==> flow/design.v <==
module sync_arith_stage (aclk, i_rst, in0, in1, do_sub, result, cy);
    parameter DW = 8;
    input aclk;
    input i_rst;
    input [DW-1:0] in0;
    input [DW-1:0] in1;
    input do_sub;
    output [DW-1:0] result;
    output cy;
    reg [DW-1:0] in0_reg;
    always @(posedge aclk) begin
        if (i_rst) begin
            in0_reg <= 0;
        end else begin
            in0_reg <= in0;
        end
    end
    reg [DW-1:0] in1_reg;
    always @(posedge aclk) begin
        if (i_rst) begin
            in1_reg <= 0;
        end else begin
            in1_reg <= in1;
        end
    end
    reg do_sub_reg;
    always @(posedge aclk) begin
        if (i_rst) begin
            do_sub_reg <= 1'b0;
        end else begin
            do_sub_reg <= do_sub;
        end
    end
    wire [DW-1:0] tmp;
    wire [DW:0] c;
    assign c[0] = do_sub_reg;
    genvar ii;
    generate
        for (ii = 0; ii < DW; ii = ii + 1) begin : u_g
            fadd unit (.a(in0_reg[ii]), .b(in1_reg[ii] ^ do_sub_reg), .ci(c[ii]), .s(tmp[ii]), .co(c[ii+1]));
        end
    endgenerate
    assign result = tmp;
    assign cy = c[DW];
endmodule
module fadd (
    input wire a,
    input wire b,
    input wire ci,
    output wire s,
    output wire co
);
    assign s = a ^ b ^ ci;
    assign co = (a & b) | (ci & (a ^ b));
endmodule
# From RTL to reports: sync_arith_stage

Tool output for the design above, in the order of the flow.
Line numbers count from 1 in the design file above.
Library cell names are shortened.
A cell with -- has no value.

Design top: sync_arith_stage
Clock port: aclk
Library: sky130hd
Library corner: tt_025C_1v80

# Elaborated design

Source: Yosys, flattened and elaborated, memories not mapped. Widths are those after wreduce; folded enables and synchronous resets count as part of the registers. Registers that Yosys merges into a memory's read port (data or address) are not register bits. Print and check cells do not count. Equal cells are merged and count once.

Output and inout port bits: 9
Latch bits: 0
Memory bits (read-only): 0
Register bits: 17
Memory bits (writable): 0
Word width x clocked read ports: 0
Bits of input ports: 19
Cells after elaboration: 51
Memories: 0

$lt $le $gt $ge: 0
Equal/unequal tests: 0
Div/mod/pow operators: 0
$mul: 0
Bitwise gates (word level): 48
Add/sub/neg operators: 0
Shift-type cells: 0
Reductions and logical operators: 0
Muxes and demuxes: 0

Operator list:

| cell              | number |
| 1-bit bitwise XOR | 24 |
| 1-bit bitwise AND | 16 |
| 1-bit OR          | 8 |

# Logic depth

Yosys ltp: most cells in a row. Word level: on the elaborated netlist, between registers, memories and ports. Mapped: between sequential cells and ports; inverters and the memories' decode and read muxes count.

Depth in word-level cells: 18
ABC_AREA: 0
Gate-level depth with buffers: 11
Gate-level depth less buffers: 9

# Mapped cells and area

The flow's flattened synthesis, as Yosys stat reports it; memories are mapped. The netlist is that of the ABC_AREA named above (0 if unset); the other value can give another one.
Totals and module areas in this step are rounded.

Chip area (Yosys): 816 µm²
Cell count: 73
Flip-flop cells: 17
Buffer cells: 10
Sequential area: 340 µm²

Cell types:

| cell    | number | total area (µm²) |
| dfxtp_1 | 17     | 340.326 |
| fa_1    | 7      | 140.134 |
| nor2b_1 | 10     | 62.56 |
| and2b_2 | 7      | 61.309 |
| buf_4   | 8      | 60.058 |
| xnor2_1 | 6      | 52.55 |
| inv_1   | 13     | 48.797 |
| buf_6   | 2      | 22.522 |
| xor2_1  | 2      | 17.517 |
| mux2i_1 | 1      | 10.01 |

By module: a second synthesis without flattening, with its own total; a netlist apart from the flattened one above.

Cell total of the unflattened synthesis: 52
Area total of the unflattened synthesis: 717 µm²

Rows give one instance, submodules left out.

Modules:

| module           | area (µm²) | seq. area (µm²) | cells | times used |
| sync_arith_stage | 557        | 340             | 44    | 1 |
| fadd             | 20.0       | 0.0             | 1     | 8 |

# Timing after synthesis

OpenSTA on the mapped netlist: ideal clock, no wires. The path of least setup slack (recovery checks aside). Input and output delay are each 20% of the period. Register names are those of the netlist, which keeps one name where synthesis merged equal registers.

Path kind: register -> output
Start point: register do_sub_reg
End point: output result[7]
Time at the first pin: 0.000 ns
Data required time: 4.296 ns
Path slack: 0.857 ns
Stages: 12
Period: 5.37 ns
Delay of the path: 3.439 ns
Buffers on the path: 2
Arrival: 3.439 ns
Output delay: 1.074 ns
Synthesis period reached: 4.513 ns

"delay of the path" is the arrival time less input delay plus setup time.
A path that ends at an output port has no setup time.
"stages": output pins that drive a net of the path, with the launching flip-flop's if there is one; two outputs of one cell count as two.
"synthesis period reached" = period - worst setup slack (recovery checks aside). The figure is calculated, with input and output delays left at 20% of the set period.
The rows between start and end are the longest chain of elaborated cells between them; the timing report does not say that the signal goes this way. Where chains are equally long, one stands for them.
Each line given opens the expression or statement behind the cell; cells for indexed reads and writes are added by Yosys, which also makes memories of some case tables.

Path through: dfxtp_1 buf_6 xnor2_1 fa_1 fa_1 fa_1 fa_1 fa_1 fa_1 inv_1 fa_1 buf_4
Cells in the longest elaborated chain: 17
Elaborated cells on any way between the ends: 38
Those cells by class: logic (38)

Ends and longest elaborated chain, post-synthesis:

| element           | RTL line | source |
| start, declared   | 26       | `reg do_sub_reg;` |
| start, assigned   | 29       | `do_sub_reg <= 1'b0;` |
| start, assigned   | 31       | `do_sub_reg <= do_sub;` |
| 1-bit bitwise XOR | 40       | `fadd unit (.a(in0_reg[ii]), .b(in1_reg[ii] ^ do_sub_reg), .ci(c[ii]), .s(tmp[ii]), .co(c[ii+1]));` |
| 1-bit bitwise XOR | 54       | `assign co = (a & b) \| (ci & (a ^ b));` |
| 1-bit bitwise AND | 54       |  |
| 1-bit OR          | 54       |  |
| 1-bit bitwise AND | 54       |  |
| 1-bit OR          | 54       |  |
| 1-bit bitwise AND | 54       |  |
| (+3 left out)     | --       |  |
| 1-bit bitwise AND | 54       |  |
| 1-bit OR          | 54       |  |
| 1-bit bitwise AND | 54       |  |
| 1-bit OR          | 54       |  |
| 1-bit bitwise AND | 54       |  |
| 1-bit OR          | 54       |  |
| 1-bit bitwise XOR | 53       | `assign s = a ^ b ^ ci;` |
| end, declared     | 8        | `output [DW-1:0] result;` |

Nets of the timed path that keep an RTL name, with a line that drives or declares them; the list need not be complete.

Nets with RTL names, path post-synthesis:

| net           | RTL line |
| u_g[7].unit.s | 53 |

# Worst path after layout

From the final timing report of flow run B: the path of least setup slack in the routed layout; clock arrival at registers is part of the times.

Path kind: register -> output
Start point: register do_sub_reg
End point: output result[7]
Path slack: 0.25 ns
Buffers on the path: 1
Output delay: 1.07 ns
Time at the first pin: 0.27 ns
Data required time: 4.30 ns
Arrival: 4.04 ns
Period: 5.37 ns
Stages: 11

The rows between start and end are the longest chain of elaborated cells between them; the timing report does not say that the signal goes this way. Where chains are equally long, one stands for them.

Path through: dfxtp_1 xnor2_1 fa_1 fa_1 fa_1 fa_1 fa_1 fa_1 inv_1 fa_1 clkdlybuf4s50_1
Cells in the longest elaborated chain: 17
Elaborated cells on any way between the ends: 38
Those cells by class: logic (38)

Ends and longest elaborated chain, after layout:

| element           | RTL line | source |
| start, declared   | 26       | `reg do_sub_reg;` |
| start, assigned   | 29       | `do_sub_reg <= 1'b0;` |
| start, assigned   | 31       | `do_sub_reg <= do_sub;` |
| 1-bit bitwise XOR | 40       | `fadd unit (.a(in0_reg[ii]), .b(in1_reg[ii] ^ do_sub_reg), .ci(c[ii]), .s(tmp[ii]), .co(c[ii+1]));` |
| 1-bit bitwise XOR | 54       | `assign co = (a & b) \| (ci & (a ^ b));` |
| 1-bit bitwise AND | 54       |  |
| 1-bit OR          | 54       |  |
| 1-bit bitwise AND | 54       |  |
| 1-bit OR          | 54       |  |
| 1-bit bitwise AND | 54       |  |
| (+3 left out)     | --       |  |
| 1-bit bitwise AND | 54       |  |
| 1-bit OR          | 54       |  |
| 1-bit bitwise AND | 54       |  |
| 1-bit OR          | 54       |  |
| 1-bit bitwise AND | 54       |  |
| 1-bit OR          | 54       |  |
| 1-bit bitwise XOR | 53       | `assign s = a ^ b ^ ci;` |
| end, declared     | 8        | `output [DW-1:0] result;` |

## Implementation results

sync_arith_stage through Yosys and OpenROAD on sky130hd: 3 stored runs, unordered, with their settings and measured results. The constraints put input and output delay at 20% of the set period each and load the outputs with 0.01 pF.
"period achieved" means the clock period less the worst setup slack. The figure is calculated, with input and output delays left at 20% of the set period.
"time on the worst setup path" = time allowed to the worst setup path (clock period - input delay - output delay, where it has them) - its slack; a late launch clock adds to it, a late capture clock takes from it.
By "overall power" is meant OpenSTA's value without simulated activity: inputs other than the clock are taken to toggle once in ten clock periods, and the tool carries that through the logic.
The measured numbers are rounded.
Among the settings, -- means not set for that run.
Results: -- = not shown.

| setting or result                            | flow run A | flow run B         | flow run C         |
| period_ns                                    | 7.01       | 5.37               | 3.49               |
| CORE_UTILIZATION                             | 40         | 40                 | 29                 |
| PLACE_DENSITY_LB_ADDON                       | 0.2        | --                 | 0.29               |
| CELL_PAD_IN_SITES_GLOBAL_PLACEMENT           | 0          | --                 | 3                  |
| CELL_PAD_IN_SITES_DETAIL_PLACEMENT           | 2          | --                 | --                 |
| ABC_AREA                                     | 1          | --                 | --                 |
| GPL_TIMING_DRIVEN                            | 0          | --                 | 1                  |
| GPL_ROUTABILITY_DRIVEN                       | 0          | --                 | 0                  |
| CAP_MARGIN                                   | 25         | 20                 | 20                 |
| MAX_ROUTING_LAYER                            | met4       | --                 | --                 |
| CORE_MARGIN                                  | 2          | 2                  | 2                  |
| SLEW_MARGIN                                  | 20         | 20                 | 35                 |
| SETUP_SLACK_MARGIN                           | --         | --                 | -0.32              |
| HOLD_SLACK_MARGIN                            | --         | --                 | -0.06              |
| TNS_END_PERCENT                              | --         | --                 | 5                  |
| CTS_CLUSTER_SIZE                             | --         | --                 | 86                 |
| CTS_CLUSTER_DIAMETER                         | --         | --                 | 224                |
| chip area after synthesis (Yosys) (µm²)      | --         | 816                | 816                |
| total die area (µm²)                         | --         | 2420               | 3250               |
| standard-cell area of the final layout (µm²) | --         | 1070               | 1110               |
| setup slack of the worst path (ns)           | --         | 0.252              | -0.677             |
| summed negative setup slack (ns)             | --         | 0.000              | -1.76              |
| smallest hold slack (ns)                     | --         | 1.34               | 0.956              |
| overall power (mW)                           | --         | 0.281              | 0.435              |
| period achieved (ns)                         | --         | 5.118              | 4.167              |
| time on the worst setup path (ns)            | --         | 4.04               | 3.47               |
| worst setup path type                        | --         | register -> output | register -> output |

Flow run A: no final report: placement broke off with DPL-0033
